==> flow/design.v <==
module mul_unit #(
   parameter DWIDTH = 22
) (
   input logic ck,
   input logic i_rst,
   input logic [DWIDTH-1:0] da_in,
   input logic [DWIDTH-1:0] db_in,
   output logic [2*DWIDTH-1:0] result_out
);
   logic [DWIDTH-1:0] da_ff;
   logic [DWIDTH-1:0] db_ff;
   always_ff @(posedge ck) begin
      if (i_rst) begin
         da_ff <= 0;
         db_ff <= 0;
      end else begin
         da_ff <= da_in;
         db_ff <= db_in;
      end
   end
   logic [2*DWIDTH-1:0] cur;
   always_comb begin
      cur = 0;
      for (int i = 0; i < DWIDTH; i++)
         if (db_ff[i]) cur = cur + (da_ff << i);
   end
   logic [2*DWIDTH-1:0] result_ff;
   always_ff @(posedge ck) begin
      if (i_rst) begin
         result_ff <= 0;
      end else begin
         result_ff <= cur;
      end
   end
   assign result_out = result_ff;
endmodule
### Reports on mul_unit

The steps from the RTL of mul_unit to its reports follow in flow order.
Lines are those of the file above, counted from 1.
Operators: Yosys type, input widths -> output width; for muxes data width and select width s.
Cell names lack the library's common part.
Not given: n/a

| set-up | value |
|---|---|
| top | mul_unit |
| clock input | ck |
| library | sky130hd |
| library corner | tt_025C_1v80 |

### Word-level counts

Yosys after proc, flatten, opt, wreduce and memory -nomap, before mapping. Enables and synchronous resets that opt folds into registers are not counted as muxes. Memory bits, and registers merged into a memory's read port (data or address), are not among the register bits. Print and check cells are not counted. Equal cells are merged and count once.

| operators by class | value |
|---|---|
| add/sub/neg operators | 21 |
| multipliers | 0 |
| divide/modulo/power cells | 0 |
| order comparisons | 0 |
| equality and inequality tests | 0 |
| shifts and indexed selects | 0 |
| multiplexer cells | 22 |
| bitwise logic cells | 0 |
| reductions and logical operators | 0 |

Operators with widths:

| operator | count |
|---|---|
| $mux 44 | 21 |
| $add 44x23->44 | 1 |
| $add 44x24->44 | 1 |
| $add 44x25->44 | 1 |
| $add 44x26->44 | 1 |
| $add 44x27->44 | 1 |
| $add 44x28->44 | 1 |
| $add 44x29->44 | 1 |
| $add 44x30->44 | 1 |
| $add 44x31->44 | 1 |
| $add 44x32->44 | 1 |
| $add 44x33->44 | 1 |
| $add 44x34->44 | 1 |
| $add 44x35->44 | 1 |
| $add 44x36->44 | 1 |
| $add 44x37->44 | 1 |
| $add 44x38->44 | 1 |
| $add 44x39->44 | 1 |
| $add 44x40->44 | 1 |
| $add 44x41->44 | 1 |
| $add 44x42->44 | 1 |
| $add 44x43->44 | 1 |
| $mux 22 | 1 |

| bit counts | value |
|---|---|
| flip-flop bits (word level) | 88 |
| bits in latches | 0 |
| memory bits (writable) | 0 |
| ROM bits | 0 |
| clocked read ports x word width | 0 |
| memories kept | 0 |
| input bits | 46 |
| output and inout port bits | 44 |
| elaborated cells | 46 |

### Depth

Longest topological path by Yosys (ltp), each cell counted once; first at word level (registers and memories cut), then after technology mapping (sequential cells cut; the memories' decode and read muxes count).

| logic depth | value |
|---|---|
| depth in word-level cells | 43 |
| ABC_AREA | 0 |
| gate-level depth with buffers | 176 |
| gate-level depth less buffers | 174 |

### After synthesis

Source: synth_stat.txt of the flow (Yosys; design flattened, memories mapped). It holds for the ABC_AREA given above (unset counts as 0); a run with the other value may have another netlist.
The area totals of this step are shown rounded.

| mapped netlist | value |
|---|---|
| standard cells after synthesis | 4662 |
| mapped area | 32700 um^2 |
| area of sequential cells | 1760 um^2 |
| mapped flip-flops | 88 |
| buffer cells | 160 |

Cells by type:

| type | count | total area (um^2) |
|---|---|---|
| ha_1 | 498 | 6.23E+03 |
| a21oi_1 | 419 | 2.1E+03 |
| dfxtp_1 | 88 | 1761.69 |
| nand2_1 | 461 | 1730.41 |
| xnor2_1 | 196 | 1.72E+03 |
| o21ai_0 | 316 | 1.58E+03 |
| nor2_1 | 408 | 1.53E+03 |
| a21o_1 | 167 | 1.25E+03 |
| o21a_1 | 137 | 1.03E+03 |
| xor2_1 | 115 | 1.01E+03 |
| inv_1 | 202 | 758.227 |
| nor2b_1 | 112 | 700.672 |
| mux2_2 | 58 | 653.126 |
| mux2i_1 | 58 | 580.557 |
| a31oi_1 | 84 | 525.504 |
| nand3_1 | 100 | 500.48 |
| clkbuf_1 | 133 | 499.229 |
| a211oi_1 | 66 | 495.475 |

Other cell types: 80; their cells: 1044.

### Worst setup path after synthesis

Source: OpenSTA report_checks on the synthesized netlist (no wires, ideal clock, input and output delay 20% of the period each), path of least setup slack; recovery checks are left aside. Register names are those of the netlist, which keeps one name where synthesis merged equal registers.

| timing after synthesis | value |
|---|---|
| kind | flip-flop to flip-flop |
| start | register da_ff[1] |
| end | register result_ff[41] |
| clock period | 36.6 ns |
| setup time | 0.132 ns |
| time at the first pin | 0.000 ns |
| data arrival time | 29.173 ns |
| data required time | 36.468 ns |
| path slack | 7.295 ns |
| path delay | 29.305 ns |
| driving pins on the path | 151 |
| buffers on the path | 2 |
| synthesis period reached | 29.305 ns |

"path delay" = arrival - input delay + setup time.
"driving pins on the path": output pins that drive a net of the path, with the launching flip-flop's if there is one; two outputs of one cell count as two.
"synthesis period reached" is the clock period less the worst setup slack; recovery checks do not enter. This is arithmetic on one report: input and output delays are still those of the set period (20% each).
Between the ends stands the longest chain of elaborated cells between them, by number of cells; it is not shown to be the way that was timed. Of several equally long chains one is given.
Each line given opens the expression or statement behind the cell; cells for indexed reads and writes are added by Yosys, which also makes memories of some case tables.

| between the ends, after synthesis | value |
|---|---|
| cells stage by stage | dfxtp_1 inv_1 nor2_1 ha_1 inv_1 fa_1 nor2b_1 a221oi_1 o21bai_1 a21oi_1 a311oi_1 o21ai_0 o21ai_0 a21oi_1 inv_1 ha_1 a21o_1 nor3_1 [... 115 more ...] nand2_1 nand2_1 ha_1 a21o_1 a2111oi_0 a31oi_1 a31oi_1 ha_1 a21oi_1 o211ai_1 nand2_1 xor2_1 mux2i_1 ha_1 and3_1 a2111o_1 o2111ai_1 a21oi_1 |
| length of the longest elaborated chain | 43 |
| elaborated cells between the ends (all ways) | 43 |
| source lines of those cells | 1 |
| classes of those cells | 21 x add/sub; 22 x mux |

Ends and longest elaborated chain, after synthesis:

| what | RTL line | text |
|---|---|---|
| start: declaration | 10 | `logic [DWIDTH-1:0] da_ff;` |
| start: assignment | 14 | `da_ff <= 0;` |
| start: assignment | 17 | `da_ff <= da_in;` |
| $mux 22 | 25 | `if (db_ff[i]) cur = cur + (da_ff << i);` |
| $add 44x23->44 | 25 |  |
| $mux 44 | 25 |  |
| $add 44x24->44 | 25 |  |
| $mux 44 | 25 |  |
| $add 44x25->44 | 25 |  |
| $mux 44 | 25 |  |
| [... 29 more ...] | n/a |  |
| $mux 44 | 25 |  |
| $add 44x41->44 | 25 |  |
| $mux 44 | 25 |  |
| $add 44x42->44 | 25 |  |
| $mux 44 | 25 |  |
| $add 44x43->44 | 25 |  |
| $mux 44 | 25 |  |
| end: assignment | 30 | `result_ff <= 0;` |
| end: assignment | 32 | `result_ff <= cur;` |
| end: declaration | 27 | `logic [2*DWIDTH-1:0] result_ff;` |

### Timing after layout

Path of least setup slack in the final report of run 3 (OpenROAD, finished layout, wires in). Where an end is a register, its clock arrival counts in the times.

| timing post-layout | value |
|---|---|
| kind | flip-flop to flip-flop |
| start | register db_ff[0] |
| end | register result_ff[41] |
| clock period | 36.6 ns |
| setup time | 0.13 ns |
| time at the first pin | 0.40 ns |
| data arrival time | 34.42 ns |
| data required time | 36.88 ns |
| path slack | 2.46 ns |
| driving pins on the path | 157 |
| buffers on the path | 1 |

Between the ends stands the longest chain of elaborated cells between them, by number of cells; it is not shown to be the way that was timed. Of several equally long chains one is given.

| between the ends, post-layout | value |
|---|---|
| cells stage by stage | dfxtp_1 buf_6 inv_1 nor2_1 ha_1 inv_1 fa_1 nor2b_1 a221oi_1 o21bai_1 a21oi_1 a311oi_1 o21ai_0 o21ai_0 a21oi_1 inv_1 ha_1 a21o_1 [... 121 more ...] ha_1 a21o_1 nand2b_1 a211oi_1 a2111oi_0 a31oi_1 a31oi_1 ha_1 a21oi_1 o211ai_1 nand2_1 xor2_1 mux2i_1 ha_1 and3_1 a2111o_1 o2111ai_1 a21oi_1 |
| length of the longest elaborated chain | 43 |
| elaborated cells between the ends (all ways) | 43 |
| source lines of those cells | 1 |
| classes of those cells | 21 x add/sub; 22 x mux |

Ends and longest elaborated chain, post-layout:

| what | RTL line | text |
|---|---|---|
| start: declaration | 11 | `logic [DWIDTH-1:0] db_ff;` |
| start: assignment | 15 | `db_ff <= 0;` |
| start: assignment | 18 | `db_ff <= db_in;` |
| $mux 22 | 25 | `if (db_ff[i]) cur = cur + (da_ff << i);` |
| $add 44x23->44 | 25 |  |
| $mux 44 | 25 |  |
| $add 44x24->44 | 25 |  |
| $mux 44 | 25 |  |
| $add 44x25->44 | 25 |  |
| $mux 44 | 25 |  |
| [... 29 more ...] | n/a |  |
| $mux 44 | 25 |  |
| $add 44x41->44 | 25 |  |
| $mux 44 | 25 |  |
| $add 44x42->44 | 25 |  |
| $mux 44 | 25 |  |
| $add 44x43->44 | 25 |  |
| $mux 44 | 25 |  |
| end: assignment | 30 | `result_ff <= 0;` |
| end: assignment | 32 | `result_ff <= cur;` |
| end: declaration | 27 | `logic [2*DWIDTH-1:0] result_ff;` |

Lab notebook: mul_unit

3 stored runs of mul_unit in the flow (synthesis by Yosys, layout by OpenROAD, sky130hd cells), in arbitrary order. Constraints: input delay and output delay 20% of the set period each, output load 0.01 pF.
"reached clock period" means the clock period less the worst setup slack. The figure is calculated, with input and output delays left at 20% of the set period.
"worst path time": the worst setup path's part of the clock period (all of it between registers, 20% less for each end at a port) less its slack. A launch clock that arrives late makes it longer, a capture clock that arrives late makes it shorter.
"power consumption" rests on the timing tool's default activity at the inputs, not on a simulated workload.
Results are given in rounded form.
Settings: . = not set for that run.
A result given as . is not shown for that run.

| item | run 1 | run 2 | run 3 |
|---|---|---|---|
| period_ns | 17.8 | 25.8 | 36.6 |
| CORE_UTILIZATION | 42 | 45 | 40 |
| PLACE_DENSITY | 0.64 | . | . |
| HOLD_SLACK_MARGIN | 0.25 | . | . |
| GPL_TIMING_DRIVEN | 0 | 1 | . |
| CTS_CLUSTER_SIZE | 18 | . | . |
| MIN_ROUTING_LAYER | met2 | . | . |
| MAX_ROUTING_LAYER | met4 | met4 | . |
| CAP_MARGIN | 20 | 20 | 20 |
| CORE_MARGIN | 2 | 2 | 2 |
| SLEW_MARGIN | 20 | 20 | 20 |
| SETUP_SLACK_MARGIN | . | -1.78 | . |
| PLACE_DENSITY_LB_ADDON | . | 0.22 | . |
| CORE_ASPECT_RATIO | . | 0.6 | . |
| CELL_PAD_IN_SITES_GLOBAL_PLACEMENT | . | 1 | . |
| CELL_PAD_IN_SITES_DETAIL_PLACEMENT | . | 1 | . |
| GPL_ROUTABILITY_DRIVEN | . | 1 | . |
| CTS_CLUSTER_DIAMETER | . | 284 | . |
| chip area after synthesis (Yosys) (um^2) | . | . | 32700 |
| overall die area (um^2) | . | . | 84000 |
| standard-cell area of the final layout (um^2) | . | . | 35200 |
| utilization in the final report (%) | . | . | 43.6 |
| lowest setup slack (ns) | . | . | 2.46 |
| final setup TNS (ns) | . | . | 0.000 |
| worst hold slack after layout (ns) | . | . | 0.731 |
| power consumption (µW) | . | . | 1630 |
| reached clock period (ns) | . | . | 34.142 |
| worst path time (ns) | . | . | 34.14 |
| worst setup path kind | . | . | flip-flop to flip-flop |

Run 1: stopped before the end: routing reported GRT-0232
Run 2: stopped before the end: placement reported DPL-0033
